==> flow/design.v <==
module shft #(
  parameter XLEN = 8,
  parameter SW = $clog2(XLEN)
) (
  input ck,
  input rst_n,
  input enable,
  input [XLEN-1:0] bus,
  input [SW-1:0] sa,
  output reg [XLEN-1:0] y
);
  reg [XLEN-1:0] bus_s;
  reg [SW-1:0] sa_s;
  wire [XLEN-1:0] node [0:SW];
  assign node[0] = bus_s;
  genvar ii;
  generate
    for (ii = 0; ii < SW; ii = ii + 1) begin : each
      assign node[ii+1] = sa_s[ii] ? node[ii] >> (1 << ii) : node[ii];
    end
  endgenerate
  always @(posedge ck) begin
    if (!rst_n) begin
      bus_s <= 0;
      sa_s <= 0;
      y <= 0;
    end else if (enable) begin
      bus_s <= bus;
      sa_s <= sa;
      y <= node[SW];
    end
  end
endmodule
* Tool chain data of shft
Module shft in several versions that differ in "XLEN"; each step lists the members.
The RTL above is that of XLEN = 8; lines are counted from 1 in the file of the member named.
Not given: n/a
- Top :: shft
- Clock port :: ck
- Standard-cell library :: sky130hd
- Timing corner :: tt_025C_1v80

* Source of the members
New or changed lines of each further member against the RTL above, in its own file; lines it lacks are not shown.
** New or changed lines
- XLEN 14 :: line 2 : parameter XLEN = 14,
- XLEN 32 :: line 2 : parameter XLEN = 32,
- XLEN 80 :: line 2 : parameter XLEN = 80,

* Elaborated design
Source: Yosys, flattened and elaborated. Widths are those after wreduce; folded enables and synchronous resets count as part of the registers. Registers that Yosys merges into a memory's read port (data or address) are not register bits. Print and check cells do not count. Equal cells are merged and count once.
** Bit counts
- XLEN 8 :: register bits 19, word-level cells 6
- XLEN 14 :: register bits 32, word-level cells 7
- XLEN 32 :: register bits 69, word-level cells 8
- XLEN 80 :: register bits 167, word-level cells 10
** Operators by class (mux-type cells)
- XLEN 8 :: 3
- XLEN 14 :: 4
- XLEN 32 :: 5
- XLEN 80 :: 7
** Operator list (kinds with counts)
- XLEN 8 :: 3 x 8-bit 2-to-1 mux
- XLEN 14 :: 4 x 14-bit 2-to-1 mux
- XLEN 32 :: 5 x 32-bit 2-to-1 mux
- XLEN 80 :: 7 x 80-bit 2-to-1 mux

* Logic depth
Depth = most cells in a row (Yosys ltp): at word level without a register or memory, in the mapped netlist without a sequential cell, where the memories' decode and read muxes count.
** Depth
- XLEN 8 :: depth in word-level cells 3, ABC_AREA 0, depth in mapped cells 6
- XLEN 14 :: depth in word-level cells 4, ABC_AREA 0, depth in mapped cells 6
- XLEN 32 :: depth in word-level cells 5, ABC_AREA 0, depth in mapped cells 8
- XLEN 80 :: depth in word-level cells 7, ABC_AREA 0, depth in mapped cells 11

* Synthesis result
The flow's flattened synthesis, as Yosys stat reports it; memories are mapped. The netlist is that of the ABC_AREA named above (0 if unset); the other value can give another one.
Totals and module areas in this step are rounded.
** Synthesis totals
- XLEN 8 :: cells in the netlist 90, mapped area 943 um^2, area of sequential cells 380 um^2, mapped flip-flops 19, buffer cells 6
- XLEN 14 :: cells in the netlist 163, mapped area 1640 um^2, area of sequential cells 641 um^2, mapped flip-flops 32, buffer cells 13
- XLEN 32 :: cells in the netlist 415, mapped area 4280 um^2, area of sequential cells 1380 um^2, mapped flip-flops 69, buffer cells 36
- XLEN 80 :: cells in the netlist 1363, mapped area 12500 um^2, area of sequential cells 3340 um^2, mapped flip-flops 167, buffer cells 119
** Cells by type (type and count)
- XLEN 8 :: 19 x sky130_fd_sc_hd__dfxtp_1; 15 x sky130_fd_sc_hd__mux2i_1; 21 x sky130_fd_sc_hd__nor2b_1; 3 x sky130_fd_sc_hd__mux4_1; 5 x sky130_fd_sc_hd__a21oi_1; 1 x sky130_fd_sc_hd__mux4_2; 2 x sky130_fd_sc_hd__nor3b_1; 1 x sky130_fd_sc_hd__buf_6; 1 x sky130_fd_sc_hd__mux2_2; 3 x sky130_fd_sc_hd__nand2_1; 1 x sky130_fd_sc_hd__a2111oi_1; 2 x sky130_fd_sc_hd__o21ai_0; 1 x sky130_fd_sc_hd__o32ai_1; 1 x sky130_fd_sc_hd__a211oi_1; 1 x sky130_fd_sc_hd__a21boi_0; 2 x sky130_fd_sc_hd__buf_1; 2 x sky130_fd_sc_hd__clkbuf_1; 2 x sky130_fd_sc_hd__nor2_1; [+7]
- XLEN 14 :: 32 x sky130_fd_sc_hd__dfxtp_1; 40 x sky130_fd_sc_hd__mux2i_1; 5 x sky130_fd_sc_hd__mux4_2; 20 x sky130_fd_sc_hd__nor2_1; 11 x sky130_fd_sc_hd__nand2_1; 5 x sky130_fd_sc_hd__nor2b_1; 1 x sky130_fd_sc_hd__mux4_1; 5 x sky130_fd_sc_hd__a21oi_1; 2 x sky130_fd_sc_hd__buf_6; 1 x sky130_fd_sc_hd__buf_12; 4 x sky130_fd_sc_hd__buf_2; 4 x sky130_fd_sc_hd__nand3_1; 4 x sky130_fd_sc_hd__o21ai_1; 3 x sky130_fd_sc_hd__a31oi_1; 3 x sky130_fd_sc_hd__o22ai_1; 1 x sky130_fd_sc_hd__nor3b_2; 3 x sky130_fd_sc_hd__buf_1; 1 x sky130_fd_sc_hd__mux2_2; [+18]
- XLEN 32 :: 69 x sky130_fd_sc_hd__dfxtp_1; 26 x sky130_fd_sc_hd__mux4_2; 55 x sky130_fd_sc_hd__mux2i_1; 56 x sky130_fd_sc_hd__nor2b_1; 8 x sky130_fd_sc_hd__mux4_1; 28 x sky130_fd_sc_hd__nand2_1; 7 x sky130_fd_sc_hd__mux2_2; 8 x sky130_fd_sc_hd__o2bb2ai_1; 18 x sky130_fd_sc_hd__clkbuf_1; 18 x sky130_fd_sc_hd__nor2_1; 13 x sky130_fd_sc_hd__a21oi_1; 13 x sky130_fd_sc_hd__o21ai_0; 6 x sky130_fd_sc_hd__a22oi_1; 9 x sky130_fd_sc_hd__buf_2; 7 x sky130_fd_sc_hd__a31oi_1; 7 x sky130_fd_sc_hd__and2_1; 4 x sky130_fd_sc_hd__o31a_1; 4 x sky130_fd_sc_hd__buf_4; [+59]
- XLEN 80 :: 167 x sky130_fd_sc_hd__dfxtp_1; 203 x sky130_fd_sc_hd__mux2i_1; 50 x sky130_fd_sc_hd__mux4_2; 72 x sky130_fd_sc_hd__mux2_2; 193 x sky130_fd_sc_hd__nor2_1; 19 x sky130_fd_sc_hd__mux4_1; 119 x sky130_fd_sc_hd__nand2_1; 52 x sky130_fd_sc_hd__o21ai_0; 40 x sky130_fd_sc_hd__a21oi_1; 51 x sky130_fd_sc_hd__clkbuf_1; 33 x sky130_fd_sc_hd__buf_2; 20 x sky130_fd_sc_hd__o211ai_1; 17 x sky130_fd_sc_hd__o221ai_1; 21 x sky130_fd_sc_hd__o22ai_1; 14 x sky130_fd_sc_hd__a22o_1; 14 x sky130_fd_sc_hd__o2bb2ai_1; 14 x sky130_fd_sc_hd__a22oi_1; 13 x sky130_fd_sc_hd__a211oi_1; [+251]
The mark [+n] counts cells that are not listed.

* Path before layout
Path of least setup slack by OpenSTA after synthesis, without wires, with an ideal clock, recovery checks aside; 20% of the period is set as input and as output delay. Where synthesis merged equal registers, the netlist keeps one of their names.
** Path after synthesis
- XLEN 8 :: path kind reg-to-reg, from reg sa_s[0], to reg y[0], clock period 1.96 ns, setup slack 0.389 ns, stages on the path 6, delay of the path 1.571 ns, synthesis period reached 1.571 ns
- XLEN 14 :: path kind reg-to-reg, from reg sa_s[0], to reg y[1], clock period 1.83 ns, setup slack 0.370 ns, stages on the path 6, delay of the path 1.460 ns, synthesis period reached 1.46 ns
- XLEN 32 :: path kind reg-to-reg, from reg sa_s[0], to reg y[5], clock period 2.38 ns, setup slack 0.479 ns, stages on the path 7, delay of the path 1.902 ns, synthesis period reached 1.901 ns
- XLEN 80 :: path kind input-to-reg, from in enable, to reg y[23], clock period 2.79 ns, setup slack 0.530 ns, stages on the path 8, delay of the path 1.702 ns, synthesis period reached 2.26 ns
"delay of the path" is the arrival time less input delay plus setup time.
"stages on the path": output pins that drive a net of the path, with the launching flip-flop's if there is one; two outputs of one cell count as two.
"synthesis period reached" is the clock period less the worst setup slack; recovery checks do not enter. This is arithmetic on one report: input and output delays are still those of the set period (20% each).
The rows between start and end are the longest chain of elaborated cells between them; the timing report does not say that the signal goes this way. Where chains are equally long, one stands for them.
A line is the first line of the expression or statement that the cell stems from. Yosys adds cells for indexed reads and writes and turns some case tables into memories.
Between the ends, after synthesis, XLEN = 8:
- Cells in the longest elaborated chain :: 3
** RTL lines, path after synthesis, XLEN = 8
- start: declaration :: line 13 : reg [SW-1:0] sa_s;
- start: assignment :: line 25 : sa_s <= 0;
- start: assignment :: line 29 : sa_s <= sa;
- 8-bit 2-to-1 mux (3 in a row) :: line 19 : assign node[ii+1] = sa_s[ii] ? node[ii] >> (1 << ii) : node[ii];
- end: assignment :: line 26 : y <= 0;
- end: assignment :: line 30 : y <= node[SW];
- end: declaration :: line 10 : output reg [XLEN-1:0] y
** RTL lines, path after synthesis, XLEN = 80
- start: declaration :: line 7 : input enable,
- end: assignment :: line 26 : y <= 0;
- end: assignment :: line 30 : y <= node[SW];
- end: declaration :: line 10 : output reg [XLEN-1:0] y
XLEN = 80: Chain of elaborated cells between the ends: none given.

* Timing after layout
Path of least setup slack in the final report of each member's run (OpenROAD, finished layout, wires in). Where an end is a register, its clock arrival counts in the times.
** Path after layout
- XLEN 8 :: path kind reg-to-reg, from reg sa_s[0], to reg y[0], clock period 1.96 ns, setup slack 0.35 ns, stages on the path 5, arrival time 1.80 ns, path buffers 0
- XLEN 14 :: path kind reg-to-reg, from reg sa_s[1], to reg y[1], clock period 1.83 ns, setup slack 0.15 ns, stages on the path 6, arrival time 1.86 ns, path buffers 1
- XLEN 32 :: path kind reg-to-reg, from reg sa_s[1], to reg y[8], clock period 2.38 ns, setup slack 0.22 ns, stages on the path 6, arrival time 2.39 ns, path buffers 0
- XLEN 80 :: path kind reg-to-reg, from reg sa_s[1], to reg y[17], clock period 2.79 ns, setup slack 0.03 ns, stages on the path 10, arrival time 3.10 ns, path buffers 3

* Layout results
One run of the flow (Yosys, OpenROAD) for each member, with settings and measured results. Input and output delays are each 20% of the period that was set; the output load is 0.01 pF.
- CAP_MARGIN :: 20
- CORE_MARGIN :: 2
- CORE_UTILIZATION :: 40
- SLEW_MARGIN :: 20
** Settings by member (period_ns)
- XLEN 8 :: 1.96
- XLEN 14 :: 1.83
- XLEN 32 :: 2.38
- XLEN 80 :: 2.79
** Final reports
- XLEN 8 :: synthesized cell area 943 um^2, total die area 2760 um^2, std-cell area (final layout) 1220 um^2, utilization 55.2%, smallest setup slack 0.351 ns, summed negative setup slack 0.000 ns, final worst hold slack 0.489 ns, total design power 0.000764 W, clock period reached 1.609 ns
- XLEN 14 :: synthesized cell area 1640 um^2, total die area 4630 um^2, std-cell area (final layout) 2150 um^2, utilization 54.1%, smallest setup slack 0.151 ns, summed negative setup slack 0.000 ns, final worst hold slack 0.456 ns, total design power 0.00173 W, clock period reached 1.679 ns
- XLEN 32 :: synthesized cell area 4280 um^2, total die area 11500 um^2, std-cell area (final layout) 5350 um^2, utilization 51.6%, smallest setup slack 0.223 ns, summed negative setup slack 0.000 ns, final worst hold slack 0.452 ns, total design power 0.00303 W, clock period reached 2.157 ns
- XLEN 80 :: synthesized cell area 12500 um^2, total die area 32700 um^2, std-cell area (final layout) 16100 um^2, utilization 52.6%, smallest setup slack 0.029 ns, summed negative setup slack 0.000 ns, final worst hold slack 0.396 ns, total design power 0.00763 W, clock period reached 2.761 ns
"clock period reached": clock period set for the run, less the worst setup slack. It is reckoned from that one timing run; input and output delays stay at 20% of the period that was set.
"total design power" rests on the timing tool's default activity at the inputs, not on a simulated workload.
Results are given in rounded form.
